==> flow/design.v <==
module alu_selector (clk, i_rst_n, data_i, choose_i, z_o_o);
    parameter XLEN = 4;
    parameter NIN = 4;
    input clk;
    input i_rst_n;
    input [NIN*XLEN-1:0] data_i;
    input [NIN-1:0] choose_i;
    output reg [XLEN-1:0] z_o_o;
    reg [NIN*XLEN-1:0] data_ff;
    reg [NIN-1:0] choose_ff;
    reg [XLEN-1:0] val;
    integer t;
    always @* begin
        val = 0;
        for (t = NIN-1; t >= 0; t = t - 1)
            if (choose_ff[t]) val = data_ff[t*XLEN +: XLEN];
    end
    always @(posedge clk or negedge i_rst_n) begin
        if (~i_rst_n) begin
            data_ff <= 0;
            choose_ff <= 0;
            z_o_o <= 0;
        end else begin
            data_ff <= data_i;
            choose_ff <= choose_i;
            z_o_o <= val;
        end
    end
endmodule
-- From RTL to reports: alu_selector
Tool output for the design above, in the order of the flow.
Line numbers count from 1 in the design file above.
Library cell names are shortened.
Not given: n/a
- top: alu_selector
- clock port: clk
- cell library: sky130hd
- corner: tt_025C_1v80

-- Word level
Counts by Yosys on the flattened word-level netlist (proc, flatten, opt, wreduce; memories kept). Register bits leave out memories and registers merged into their read ports (data or address); mux counts leave out enables and synchronous resets folded into registers. Print and check cells are left out. Cells with the same type and inputs are merged into one.
- mux-type cells at 4
- operators by type and width (operator ; number):
    4-bit 2-to-1 mux ; 4
- noted bits in registers: 24
- noted input bits: 22
- output and inout port bits: 4
- noted word-level cells: 7

-- Logic depth
Depth = most cells in a row (Yosys ltp): at word level without a register or memory, in the mapped netlist without a sequential cell, where the memories' decode and read muxes count.
- noted depth in word-level cells: 4
- ABC_AREA at 1
- gate-level depth with buffers at 5

-- After synthesis
The flow's flattened synthesis, as Yosys stat reports it; memories are mapped. The netlist is that of the ABC_AREA named above (0 if unset); the other value can give another one.
- cell types (cell type ; number):
    dfrtp_1 ; 24
    nand2_1 ; 16
    a21oi_1 ; 8
    nand3_1 ; 4
    inv_1 ; 5
    buf_2 ; 1
    clkbuf_1 ; 1
- noted mapped cells: 59
- synthesis area: 0.0007482 mm2
- noted area of sequential cells: 0.0006006 mm2
- flip-flop cells at 24

-- Worst setup path after synthesis
OpenSTA on the mapped netlist: ideal clock, no wires. The path of least setup slack (recovery checks aside). Input and output delay are each 20% of the period. Register names are those of the netlist, which keeps one name where synthesis merged equal registers.
- path type: reg2reg
- start point: register (no name shown)
- end point: register z_o_o[1]
- clock period: 1.2 ns
- library setup time at 0.116 ns
- noted arrival: 0.719 ns
- data required time at 1.084 ns
- path slack: 0.364 ns
- noted path delay: 0.835 ns
- stages on the path: 6
- noted path buffers: 1
- noted period reached after synthesis: 0.836 ns
"path delay" is the arrival time less input delay plus setup time.
"stages on the path": output pins that drive a net of the path, with the launching flip-flop's if there is one; two outputs of one cell count as two.
"period reached after synthesis" = period - worst setup slack (recovery checks aside). The figure is calculated, with input and output delays left at 20% of the set period.
The rows between start and end are the longest chain of elaborated cells between them; the timing report does not say that the signal goes this way. Where chains are equally long, one stands for them.
A line is the first line of the expression or statement that the cell stems from. Yosys adds cells for indexed reads and writes and turns some case tables into memories.
- cells stage by stage: dfrtp_1 -> buf_2 -> a21oi_1 -> nand2_1 -> nand2_1 -> nand2_1
- noted cells in the longest elaborated chain: 2
- elaborated cells on any way between the ends: 2
- RTL lines with such cells at 1
- ends and longest elaborated chain, post-synthesis (element ; RTL line ; text):
    start: declaration ; 10 ;
    start: assignment ; 21 ;
    start: assignment ; 25 ;
    4-bit 2-to-1 mux x2 ; 16 ;
    end: assignment ; 22 ; z_o_o <= 0;
    end: assignment ; 26 ; z_o_o <= val;
    end: declaration ; 8 ; output reg [XLEN-1:0] z_o_o;

-- Timing after layout
From the final timing report of run 1: the path of least setup slack in the routed layout; clock arrival at registers is part of the times.
- path type: reg2out
- start point: register z_o_o[0]
- end point: output port z_o_o[0]
- clock period: 1.77 ns
- noted arrival: 1.14 ns
- data required time at 1.42 ns
- path slack: 0.28 ns
- stages on the path: 2
- noted path buffers: 1
- cells stage by stage: dfrtp_1 -> clkdlybuf4s50_1
- noted cells in the longest elaborated chain: 0
- elaborated cells on any way between the ends: 0
- RTL lines with such cells at 0
- ends and longest elaborated chain, after layout (element ; RTL line ; text):
    start: declaration ; 8 ; output reg [XLEN-1:0] z_o_o;
    start: assignment ; 22 ; z_o_o <= 0;
    start: assignment ; 26 ; z_o_o <= val;
    end: declaration ; 8 ;

Settings and measured results of 3 stored flow runs for module alu_selector (sky130hd), not sorted in any way. The constraints put input and output delay at 20% of the set period each and load the outputs with 0.01 pF.
"reached clock period" = clock period - worst setup slack. The figure is calculated, with input and output delays left at 20% of the set period.
"time of the worst setup path": the worst setup path's part of the clock period (all of it between registers, 20% less for each end at a port) less its slack. A launch clock that arrives late makes it longer, a capture clock that arrives late makes it shorter.
By "total power after layout" is meant OpenSTA's value without simulated activity: inputs other than the clock are taken to toggle once in ten clock periods, and the tool carries that through the logic.

Run 1

==> flow/run.sh <==
#!/bin/bash
# the make line also repeats the synthesis and layout settings of config.mk as NAME=value (left out here)
make -C /OpenROAD-flow-scripts/flow DESIGN_CONFIG=/design/flow/config.mk WORK_HOME=/design/flow/orfs CLKGATE_MAP_FILE= finish
==> flow/config.mk <==
export PLATFORM = sky130hd
export DESIGN_NAME = alu_selector
export DESIGN_NICKNAME = alu_selector
export VERILOG_FILES = /design/flow/design.v
export SDC_FILE = /design/flow/constraint.sdc
export NUM_CORES = 4
export LEC_CHECK = 0
export ABC_AREA = 1
export CAP_MARGIN = 20
export CELL_PAD_IN_SITES_DETAIL_PLACEMENT = 1
export CELL_PAD_IN_SITES_GLOBAL_PLACEMENT = 0
export CORE_ASPECT_RATIO = 0.6
export CORE_MARGIN = 2
export CORE_UTILIZATION = 17
export CTS_CLUSTER_SIZE = 25
export GPL_ROUTABILITY_DRIVEN = 0
export SLEW_MARGIN = 20
export TNS_END_PERCENT = 35
==> flow/constraint.sdc <==
create_clock -name core_clock -period 1.77 [get_ports {clk}]
set_input_delay 0.3540 -clock core_clock [delete_from_list [all_inputs] [get_ports {clk}]]
set_output_delay 0.3540 -clock core_clock [all_outputs]
set_load 0.01 [all_outputs]

Measured in run 1:
- die size: 0.0049654 mm2
- mapped cell area after synthesis at 0.0007482 mm2
- noted the total power after layout: 1.167 mW
- noted the reached clock period: 1.493 ns
- noted the time of the worst setup path: 1.14 ns
- kind of the worst setup path: reg2out
- setup slack of the worst path: 0.277 ns
- post-layout utilization at 27.4%

Run 2

==> flow/run.sh <==
#!/bin/bash
# the make line also repeats the synthesis and layout settings of config.mk as NAME=value (left out here)
make -C /OpenROAD-flow-scripts/flow DESIGN_CONFIG=/design/flow/config.mk WORK_HOME=/design/flow/orfs CLKGATE_MAP_FILE= finish
==> flow/config.mk <==
export PLATFORM = sky130hd
export DESIGN_NAME = alu_selector
export DESIGN_NICKNAME = alu_selector
export VERILOG_FILES = /design/flow/design.v
export SDC_FILE = /design/flow/constraint.sdc
export NUM_CORES = 4
export LEC_CHECK = 0
export CAP_MARGIN = 20
export CORE_MARGIN = 2
export CORE_UTILIZATION = 40
export SLEW_MARGIN = 20
==> flow/constraint.sdc <==
create_clock -name core_clock -period 1.2 [get_ports {clk}]
set_input_delay 0.2400 -clock core_clock [delete_from_list [all_inputs] [get_ports {clk}]]
set_output_delay 0.2400 -clock core_clock [all_outputs]
set_load 0.01 [all_outputs]

Measured in run 2:
- die size: 0.0021506 mm2
- mapped cell area after synthesis at 0.0007182 mm2
- noted the total power after layout: 1.343 mW
- noted the reached clock period: 1.136 ns
- noted the time of the worst setup path: 0.90 ns
- kind of the worst setup path: reg2out
- setup slack of the worst path: 0.064 ns
- post-layout utilization at 60.9%

Run 3

==> flow/run.sh <==
#!/bin/bash
# the make line also repeats the synthesis and layout settings of config.mk as NAME=value (left out here)
make -C /OpenROAD-flow-scripts/flow DESIGN_CONFIG=/design/flow/config.mk WORK_HOME=/design/flow/orfs CLKGATE_MAP_FILE= finish
==> flow/config.mk <==
export PLATFORM = sky130hd
export DESIGN_NAME = alu_selector
export DESIGN_NICKNAME = alu_selector
export VERILOG_FILES = /design/flow/design.v
export SDC_FILE = /design/flow/constraint.sdc
export NUM_CORES = 4
export LEC_CHECK = 0
export CAP_MARGIN = 20
export CORE_ASPECT_RATIO = 0.79
export CORE_MARGIN = 2
export CORE_UTILIZATION = 51
export CTS_CLUSTER_SIZE = 18
export GPL_ROUTABILITY_DRIVEN = 0
export SLEW_MARGIN = 20
==> flow/constraint.sdc <==
create_clock -name core_clock -period 1.85 [get_ports {clk}]
set_input_delay 0.3700 -clock core_clock [delete_from_list [all_inputs] [get_ports {clk}]]
set_output_delay 0.3700 -clock core_clock [all_outputs]
set_load 0.01 [all_outputs]

Measured in run 3:
- die size: 0.0017265 mm2
- mapped cell area after synthesis at 0.0007182 mm2
- noted the total power after layout: 1.028 mW
- noted the reached clock period: 1.566 ns
- noted the time of the worst setup path: 1.20 ns
- kind of the worst setup path: reg2out
- setup slack of the worst path: 0.284 ns
- post-layout utilization at 84.0%
